==> flow/design.v <==
module u_shifter_v2 #(
  parameter int NBITS = 28,
  parameter int SEL_W = $clog2(NBITS)
) (
  input  logic clk,
  input  logic [NBITS-1:0] din_i,
  input  logic [SEL_W-1:0] by_i,
  output logic [NBITS-1:0] o_o
);
  logic [NBITS-1:0] r_din;
  logic [SEL_W-1:0] r_by;
  always_ff @(posedge clk) begin
    r_din <= din_i;
    r_by <= by_i;
  end
  wire [NBITS-1:0] lvl [0:SEL_W];
  assign lvl[0] = r_din;
  generate
    for (genvar i = 0; i < SEL_W; i++) begin : gen
      assign lvl[i+1] = r_by[i] ? (lvl[i] << (1 << i)) | (lvl[i] >> (NBITS - (1 << i))) : lvl[i];
    end
  endgenerate
  assign o_o = lvl[SEL_W];
endmodule
# --- Reports on u_shifter_v2 ---
# Tool output for the design above, in the order of the flow.
# Line numbers count from 1 in the design file above.
# Operators carry their Yosys type and port widths (W data, S select, Z words).
setup:
  top: "u_shifter_v2"
  clock_port: "clk"
  lib: "sky130hd"
  pvt_corner: "tt_025C_1v80"

# --- After elaboration ---
# Counts by Yosys on the flattened word-level netlist (proc, flatten, opt, wreduce). Print and check cells are left out. Cells with the same type and inputs are merged into one.
op_classes:
  muxes: 5
  bitwise: 5
op_table:
  columns: ["cell", "n"]
  rows:
  - ["$mux W28", 5]
  - ["$or A28 B1 Y28", 1]
  - ["$or A28 B16 Y28", 1]
  - ["$or A28 B2 Y28", 1]
  - ["$or A28 B4 Y28", 1]
  - ["$or A28 B8 Y28", 1]
word_totals:
  reg_bits: 33
  in_bits: 34
  output_inout_bits: 28
  word_cells: 12

# --- Longest topological paths ---
# Depth = most cells in a row (Yosys ltp): at word level without a register or memory, in the mapped netlist without a sequential cell, where the memories' decode and read muxes count.
logic_depth:
  ltp_word: 10
  abc_area: 0
  ltp_mapped: 5
  mapped_depth_nobuf: 3

# --- After synthesis ---
# Source: synth_stat.txt of the flow (Yosys; design flattened, memories mapped). It holds for the ABC_AREA given above (unset counts as 0); a run with the other value may have another netlist.
# The area totals of this step are shown rounded.
mapped:
  cell_count: 132
  area_mm2: 0.00237
  seqArea_mm2: 0.000661
  ffs: 33
  n_buf: 15
by_type:
  columns: ["cell_type", "n", "area_total_um2"]
  rows:
  - ["sky130_fd_sc_hd__mux4_2", 48, 1.08E+03]
  - ["sky130_fd_sc_hd__dfxtp_1", 33, 660.634]
  - ["sky130_fd_sc_hd__mux2_2", 28, 315.302]
  - ["sky130_fd_sc_hd__mux4_1", 8, 210.202]
  - ["sky130_fd_sc_hd__buf_12", 2, 40.038]
  - ["sky130_fd_sc_hd__buf_2", 6, 30.029]
  - ["sky130_fd_sc_hd__clkbuf_1", 5, 18.768]
  - ["sky130_fd_sc_hd__buf_6", 1, 11.261]
  - ["sky130_fd_sc_hd__buf_1", 1, 3.754]

# --- Path before layout ---
# OpenSTA on the mapped netlist: ideal clock, no wires. The path of least setup slack (recovery checks aside). Input and output delay are each 20% of the period. Register names are those of the netlist, which keeps one name where synthesis merged equal registers.
synth_path:
  path_kind: "reg2out"
  start: "reg r_by[3]"
  end: "out o_o[22]"
  clock_period_ns: 3.07
  output_delay_ns: 0.614
  launch_ns: 0.000
  arrival_ns: 1.965
  t_required_ns: 2.456
  setup_slack_ns: 0.491
  delay_ns: 1.965
  path_stages: 6
  n_path_buf: 2
  period_less_setup_slack_ns: 2.579
# "delay_ns" is the arrival time less input delay plus setup time.
# At an output port there is no setup time.
# "path_stages" counts driving pins, that of a launching flip-flop among them; a cell with two outputs on the path counts twice.
# "period_less_setup_slack_ns" = period - worst setup slack (recovery checks aside). The figure is calculated, with input and output delays left at 20% of the set period.
# Between the ends stands the longest chain of elaborated cells between them, by number of cells; it is not shown to be the way that was timed. Of several equally long chains one is given.
# Each line given opens the expression or statement behind the cell; cells for indexed reads and writes are added by Yosys, which also makes memories of some case tables.
synth_between:
  cell_sequence: "sky130_fd_sc_hd__dfxtp_1 sky130_fd_sc_hd__buf_2 sky130_fd_sc_hd__clkbuf_1 sky130_fd_sc_hd__mux4_2 sky130_fd_sc_hd__mux4_2 sky130_fd_sc_hd__mux2_2"
  elab_chain_cells: 3
  cone_cells: 3
  cone_lines: 1
  classes_between: "mux (2); logic (1)"
synth_lines:
  columns: ["element", "line_no", "source"]
  rows:
  - ["from (decl)", 11, "logic [SEL_W-1:0] r_by;"]
  - ["from (assign)", 14, "r_by <= by_i;"]
  - ["$mux W28", 20, "assign lvl[i+1] = r_by[i] ? (lvl[i] << (1 << i)) | (lvl[i] >> (NBITS - (1 << i))) : lvl[i];"]
  - ["$or A28 B16 Y28", 20, null]
  - ["$mux W28", 20, null]
  - ["to (decl)", 8, "output logic [NBITS-1:0] o_o"]

# --- Timing after layout ---
# From the final timing report of run A: the path of least setup slack in the routed layout; clock arrival at registers is part of the times.
layout_path:
  path_kind: "reg2out"
  start: "reg r_by[0]"
  end: "out o_o[4]"
  clock_period_ns: 3.07
  output_delay_ns: 0.61
  launch_ns: 0.27
  arrival_ns: 2.43
  t_required_ns: 2.46
  setup_slack_ns: 0.02
  path_stages: 7
  n_path_buf: 3
# Between the ends stands the longest chain of elaborated cells between them, by number of cells; it is not shown to be the way that was timed. Of several equally long chains one is given.
layout_between:
  cell_sequence: "sky130_fd_sc_hd__dfxtp_4 sky130_fd_sc_hd__buf_12 sky130_fd_sc_hd__buf_12 sky130_fd_sc_hd__mux4_2 sky130_fd_sc_hd__mux4_2 sky130_fd_sc_hd__mux2_2 sky130_fd_sc_hd__buf_6"
  elab_chain_cells: 9
  cone_cells: 9
  cone_lines: 1
  classes_between: "mux (5); logic (4)"
layout_lines:
  columns: ["element", "line_no", "source"]
  rows:
  - ["from (decl)", 11, "logic [SEL_W-1:0] r_by;"]
  - ["from (assign)", 14, "r_by <= by_i;"]
  - ["$mux W28", 20, "assign lvl[i+1] = r_by[i] ? (lvl[i] << (1 << i)) | (lvl[i] >> (NBITS - (1 << i))) : lvl[i];"]
  - ["$or A28 B2 Y28", 20, null]
  - ["$mux W28", 20, null]
  - ["$or A28 B4 Y28", 20, null]
  - ["$mux W28", 20, null]
  - ["$or A28 B8 Y28", 20, null]
  - ["$mux W28", 20, null]
  - ["$or A28 B16 Y28", 20, null]
  - ["$mux W28", 20, null]
  - ["to (decl)", 8, "output logic [NBITS-1:0] o_o"]

3 stored runs of u_shifter_v2 in the flow (synthesis by Yosys, layout by OpenROAD, sky130hd cells), in arbitrary order. Constraints: input delay and output delay 20% of the set period each, output load 0.01 pF.
"period_reached_ns": clock period set for the run, less the worst setup slack. It is reckoned from that one timing run; input and output delays stay at 20% of the period that was set.
"power_total_uw": no workload was simulated; the value follows from the tool's default switching activity.
The measured numbers are rounded.

--- run A ---
==> flow/run.sh <==
#!/bin/bash
# the make line also repeats the synthesis and layout settings of config.mk as NAME=value (left out here)
make -C /OpenROAD-flow-scripts/flow DESIGN_CONFIG=/design/flow/config.mk WORK_HOME=/design/flow/orfs CLKGATE_MAP_FILE= finish
==> flow/config.mk <==
export PLATFORM = sky130hd
export DESIGN_NAME = u_shifter_v2
export DESIGN_NICKNAME = u_shifter_v2
export VERILOG_FILES = /design/flow/design.v
export SDC_FILE = /design/flow/constraint.sdc
export NUM_CORES = 4
export LEC_CHECK = 0
export CAP_MARGIN = 20
export CORE_MARGIN = 2
export CORE_UTILIZATION = 40
export SLEW_MARGIN = 20
==> flow/constraint.sdc <==
create_clock -name core_clock -period 3.07 [get_ports {clk}]
set_input_delay 0.6140 -clock core_clock [delete_from_list [all_inputs] [get_ports {clk}]]
set_output_delay 0.6140 -clock core_clock [all_outputs]
set_load 0.01 [all_outputs]

==> results, as YAML <==
results:
  fin_tns_ns: 0.000
  final_cell_area_mm2: 0.00335
  synth_area_mm2: 0.00237
  ws_setup_ns: 0.021
  die_footprint_mm2: 0.00656
  finalUtil_pct: 57.6
  period_reached_ns: 3.049
  power_total_uw: 1410
  fin_hold_ws_ns: 0.775

--- run B ---
==> flow/run.sh <==
#!/bin/bash
# the make line also repeats the synthesis and layout settings of config.mk as NAME=value (left out here)
make -C /OpenROAD-flow-scripts/flow DESIGN_CONFIG=/design/flow/config.mk WORK_HOME=/design/flow/orfs CLKGATE_MAP_FILE= finish
==> flow/config.mk <==
export PLATFORM = sky130hd
export DESIGN_NAME = u_shifter_v2
export DESIGN_NICKNAME = u_shifter_v2
export VERILOG_FILES = /design/flow/design.v
export SDC_FILE = /design/flow/constraint.sdc
export NUM_CORES = 4
export LEC_CHECK = 0
export CAP_MARGIN = 20
export CORE_ASPECT_RATIO = 1.47
export CORE_MARGIN = 2
export CORE_UTILIZATION = 43
export MIN_ROUTING_LAYER = met1
export PLACE_DENSITY_LB_ADDON = 0.14
export SETUP_SLACK_MARGIN = 0.43
export SLEW_MARGIN = 20
export TNS_END_PERCENT = 15
==> flow/constraint.sdc <==
create_clock -name core_clock -period 1.98 [get_ports {clk}]
set_input_delay 0.3960 -clock core_clock [delete_from_list [all_inputs] [get_ports {clk}]]
set_output_delay 0.3960 -clock core_clock [all_outputs]
set_load 0.01 [all_outputs]

==> results, as YAML <==
results:
  synth_area_mm2: 0.00237
  period_reached_ns: 2.879
  fin_tns_ns: -24.0
  power_total_uw: 2240
  ws_setup_ns: -0.899
  final_cell_area_mm2: 0.00352
  fin_hold_ws_ns: 0.553
  die_footprint_mm2: 0.00613
  finalUtil_pct: 66.7

--- run C ---
==> flow/run.sh <==
#!/bin/bash
# the make line also repeats the synthesis and layout settings of config.mk as NAME=value (left out here)
make -C /OpenROAD-flow-scripts/flow DESIGN_CONFIG=/design/flow/config.mk WORK_HOME=/design/flow/orfs CLKGATE_MAP_FILE= finish
==> flow/config.mk <==
export PLATFORM = sky130hd
export DESIGN_NAME = u_shifter_v2
export DESIGN_NICKNAME = u_shifter_v2
export VERILOG_FILES = /design/flow/design.v
export SDC_FILE = /design/flow/constraint.sdc
export NUM_CORES = 4
export LEC_CHECK = 0
export ABC_AREA = 1
export CAP_MARGIN = 35
export CORE_MARGIN = 2
export CORE_UTILIZATION = 25
export CTS_CLUSTER_DIAMETER = 37
export MAX_ROUTING_LAYER = met4
export MIN_ROUTING_LAYER = met2
export PLACE_DENSITY_LB_ADDON = 0.2
export SLEW_MARGIN = 40
==> flow/constraint.sdc <==
create_clock -name core_clock -period 2.99 [get_ports {clk}]
set_input_delay 0.5980 -clock core_clock [delete_from_list [all_inputs] [get_ports {clk}]]
set_output_delay 0.5980 -clock core_clock [all_outputs]
set_load 0.01 [all_outputs]

==> results, as YAML <==
results:
  power_total_uw: 1400
  synth_area_mm2: 0.00226
  period_reached_ns: 2.837
  fin_hold_ws_ns: 0.743
  final_cell_area_mm2: 0.00304
  fin_tns_ns: 0.000
  ws_setup_ns: 0.153
  die_footprint_mm2: 0.00983
  finalUtil_pct: 34.7
